==> flow/design.v <==
module gen_diff_unit (clk, reset, i_x, i_y, o_q, o_diff);
    parameter XLEN = 4;
    input clk;
    input reset;
    input [XLEN-1:0] i_x;
    input [XLEN-1:0] i_y;
    output [XLEN:0] o_q;
    output [XLEN:0] o_diff;
    reg [XLEN-1:0] x_reg;
    reg [XLEN-1:0] y_reg;
    always @(posedge clk) begin
        if (reset) begin
            x_reg <= 0;
            y_reg <= 0;
        end else begin
            x_reg <= i_x;
            y_reg <= i_y;
        end
    end
    assign o_q = x_reg + y_reg;
    assign o_diff = x_reg - y_reg;
endmodule
Step by step through the tools: gen_diff_unit
The steps from the RTL of gen_diff_unit to its reports follow in flow order.
Lines are those of the file above, counted from 1.
Operators: Yosys type, input widths -> output width; for muxes data width and select width s.
A cell with n/a has no value.

set-up
  top module = gen_diff_unit
  clock = clk
  cell library = sky130hd
  timing corner = tt_025C_1v80

Elaborated design
Counts by Yosys on the flattened word-level netlist (proc, flatten, opt, wreduce; memories kept). Register bits leave out memories and registers merged into their read ports (data or address); mux counts leave out enables and synchronous resets folded into registers. Print and check cells are left out. Cells with the same type and inputs are merged into one.

operators by class
  $add $sub $neg = 2

operators with widths
  kind         count
  $add 4x4->5  1
  $sub 4x4->5  1

storage and ports
  bits in registers = 8
  bits of input ports = 10
  output and inout bits = 10
  elaborated cells = 4

Longest topological paths
Yosys ltp: most cells in a row. Word level: on the elaborated netlist, between registers, memories and ports. Mapped: between sequential cells and ports; inverters and the memories' decode and read muxes count.

depth
  depth in word-level cells = 1
  ABC_AREA = 0
  mapped depth = 6
  depth with buffers taken out = 5

Synthesis result
Yosys stat after the flow's synthesis: flattened, memories mapped to cells. It holds for the ABC_AREA given above (unset counts as 0); a run with the other value may have another netlist.
Totals and module areas in this step are rounded.

mapped netlist
  standard cells after synthesis = 49
  cell area after synthesis = 490 µm²
  flip-flops = 8
  buffer cells = 2

cells by type
  type                       count  area in all (µm²)
  sky130_fd_sc_hd__dfxtp_1   8      160.154
  sky130_fd_sc_hd__ha_1      8      100.096
  sky130_fd_sc_hd__nor2b_1   8      50.048
  sky130_fd_sc_hd__fa_1      2      40.038
  sky130_fd_sc_hd__inv_1     7      26.275
  sky130_fd_sc_hd__xnor2_1   2      17.517
  sky130_fd_sc_hd__xor2_1    2      17.517
  sky130_fd_sc_hd__a21oi_1   3      15.014
  sky130_fd_sc_hd__a221oi_2  1      15.014
  sky130_fd_sc_hd__o21bai_1  2      15.014
  sky130_fd_sc_hd__buf_6     1      11.261
  sky130_fd_sc_hd__buf_4     1      7.507
  sky130_fd_sc_hd__inv_4     1      6.256
  sky130_fd_sc_hd__o21ai_1   1      5.005
  sky130_fd_sc_hd__nand2_1   1      3.754
  sky130_fd_sc_hd__nor2_1    1      3.754

Timing after synthesis
Path of least setup slack by OpenSTA after synthesis, without wires, with an ideal clock, recovery checks aside; 20% of the period is set as input and as output delay. Where synthesis merged equal registers, the netlist keeps one of their names.

timing path after synthesis
  path type = reg-to-output
  from = register y_reg[2]
  to = output o_q[3]
  period = 1970 ps
  arrival = 1261 ps
  data required time = 1576 ps
  setup slack = 315 ps
  delay of the path = 1261 ps
  driving pins on the path = 7
  period reached after synthesis = 1655 ps

"delay of the path" = arrival - input delay + setup time.
A path that ends at an output port has no setup time.
"driving pins on the path" counts driving pins, that of a launching flip-flop among them; a cell with two outputs on the path counts twice.
"period reached after synthesis" is the clock period less the worst setup slack; recovery checks do not enter. This is arithmetic on one report: input and output delays are still those of the set period (20% each).
The rows between start and end are the longest chain of elaborated cells between them; the timing report does not say that the signal goes this way. Where chains are equally long, one stands for them.
Each line given opens the expression or statement behind the cell; cells for indexed reads and writes are added by Yosys, which also makes memories of some case tables.

between the ends, after synthesis
  cells stage by stage = sky130_fd_sc_hd__dfxtp_1 sky130_fd_sc_hd__inv_1 sky130_fd_sc_hd__ha_1 sky130_fd_sc_hd__buf_6 sky130_fd_sc_hd__inv_4 sky130_fd_sc_hd__a221oi_2 sky130_fd_sc_hd__xor2_1
  cells in the longest elaborated chain = 1
  elaborated cells on any way between the ends = 1
  classes of those cells = add/sub (1)

RTL lines, path after synthesis
  what             RTL line  source
  start, declared  10        reg [XLEN-1:0] y_reg;
  start, assigned  14        y_reg <= 0;
  start, assigned  17        y_reg <= i_y;
  $add 4x4->5      20        assign o_q = x_reg + y_reg;
  end, declared    7         output [XLEN:0] o_q;

Worst path after layout
From the final timing report of flow run A: the path of least setup slack in the routed layout; clock arrival at registers is part of the times.
The report prints the path's times to 10 ps; the period is as set.

timing path after layout
  path type = reg-to-output
  from = register y_reg[2]
  to = output o_diff[3]
  period = 1970 ps
  arrival = 1500 ps
  data required time = 1580 ps
  setup slack = 80 ps
  driving pins on the path = 8

The rows between start and end are the longest chain of elaborated cells between them; the timing report does not say that the signal goes this way. Where chains are equally long, one stands for them.

between the ends, after layout
  cells stage by stage = sky130_fd_sc_hd__dfxtp_2 sky130_fd_sc_hd__inv_2 sky130_fd_sc_hd__ha_4 sky130_fd_sc_hd__buf_4 sky130_fd_sc_hd__a21oi_1 sky130_fd_sc_hd__o21ai_1 sky130_fd_sc_hd__xor2_1 sky130_fd_sc_hd__buf_2
  cells in the longest elaborated chain = 1
  elaborated cells on any way between the ends = 1
  classes of those cells = add/sub (1)

RTL lines, path after layout
  what             RTL line  source
  start, declared  10        reg [XLEN-1:0] y_reg;
  start, assigned  14        y_reg <= 0;
  start, assigned  17        y_reg <= i_y;
  $sub 4x4->5      21        assign o_diff = x_reg - y_reg;
  end, declared    8         output [XLEN:0] o_diff;

Lab notebook: gen_diff_unit

Flow measurements of gen_diff_unit on sky130hd: 3 stored runs with different settings, listed in no order. Input and output delays are each 20% of the period that was set; the output load is 0.01 pF.
"clock period reached" is the run's clock period less its worst setup slack. It is reckoned from that one timing run; input and output delays stay at 20% of the period that was set.
"worst setup path time" means the part of the period allowed to the worst setup path (the constraints hold back 20% at inputs and 20% at outputs) less its slack; where the path has registers, the arrival times of their clocks count too.
"total power of the final layout" is the tool's figure for a default switching activity; nothing was simulated.
"worst setup path time" is known to 10 ps.
The results are shown rounded.
A setting shown as - is not set for that run.
Among the results, - means that no value is shown for the run.

name                                          flow run A     flow run B  flow run C
period_ns                                     1.97           1.11        0.99
CAP_MARGIN                                    20             5           20
CORE_MARGIN                                   2              2           2
CORE_UTILIZATION                              40             46          63
SLEW_MARGIN                                   20             20          20
SETUP_SLACK_MARGIN                            -              0.04        -
PLACE_DENSITY_LB_ADDON                        -              0.21        0.07
CORE_ASPECT_RATIO                             -              1.63        -
CELL_PAD_IN_SITES_DETAIL_PLACEMENT            -              0           1
TNS_END_PERCENT                               -              35          -
CTS_CLUSTER_SIZE                              -              77          -
CTS_CLUSTER_DIAMETER                          -              121         -
MIN_ROUTING_LAYER                             -              met2        -
MAX_ROUTING_LAYER                             -              met5        met4
CELL_PAD_IN_SITES_GLOBAL_PLACEMENT            -              -           2
GPL_ROUTABILITY_DRIVEN                        -              -           0
chip area after synthesis (Yosys) (µm²)       490            -           -
full die area (µm²)                           1500           -           -
standard-cell area of the final layout (µm²)  750            -           -
utilization                                   0.66           -           -
lowest setup slack (ps)                       77             -           -
sum of negative setup slack (ps)              0              -           -
smallest hold slack (ps)                      700            -           -
total power of the final layout (µW)          440            -           -
clock period reached (ps)                     1893           -           -
worst setup path time (ps)                    1500           -           -
worst path kind                               reg-to-output  -           -

Flow run B: unfinished; error PDN-0185 in floorplanning
Flow run C: unfinished; error PDN-0185 in floorplanning
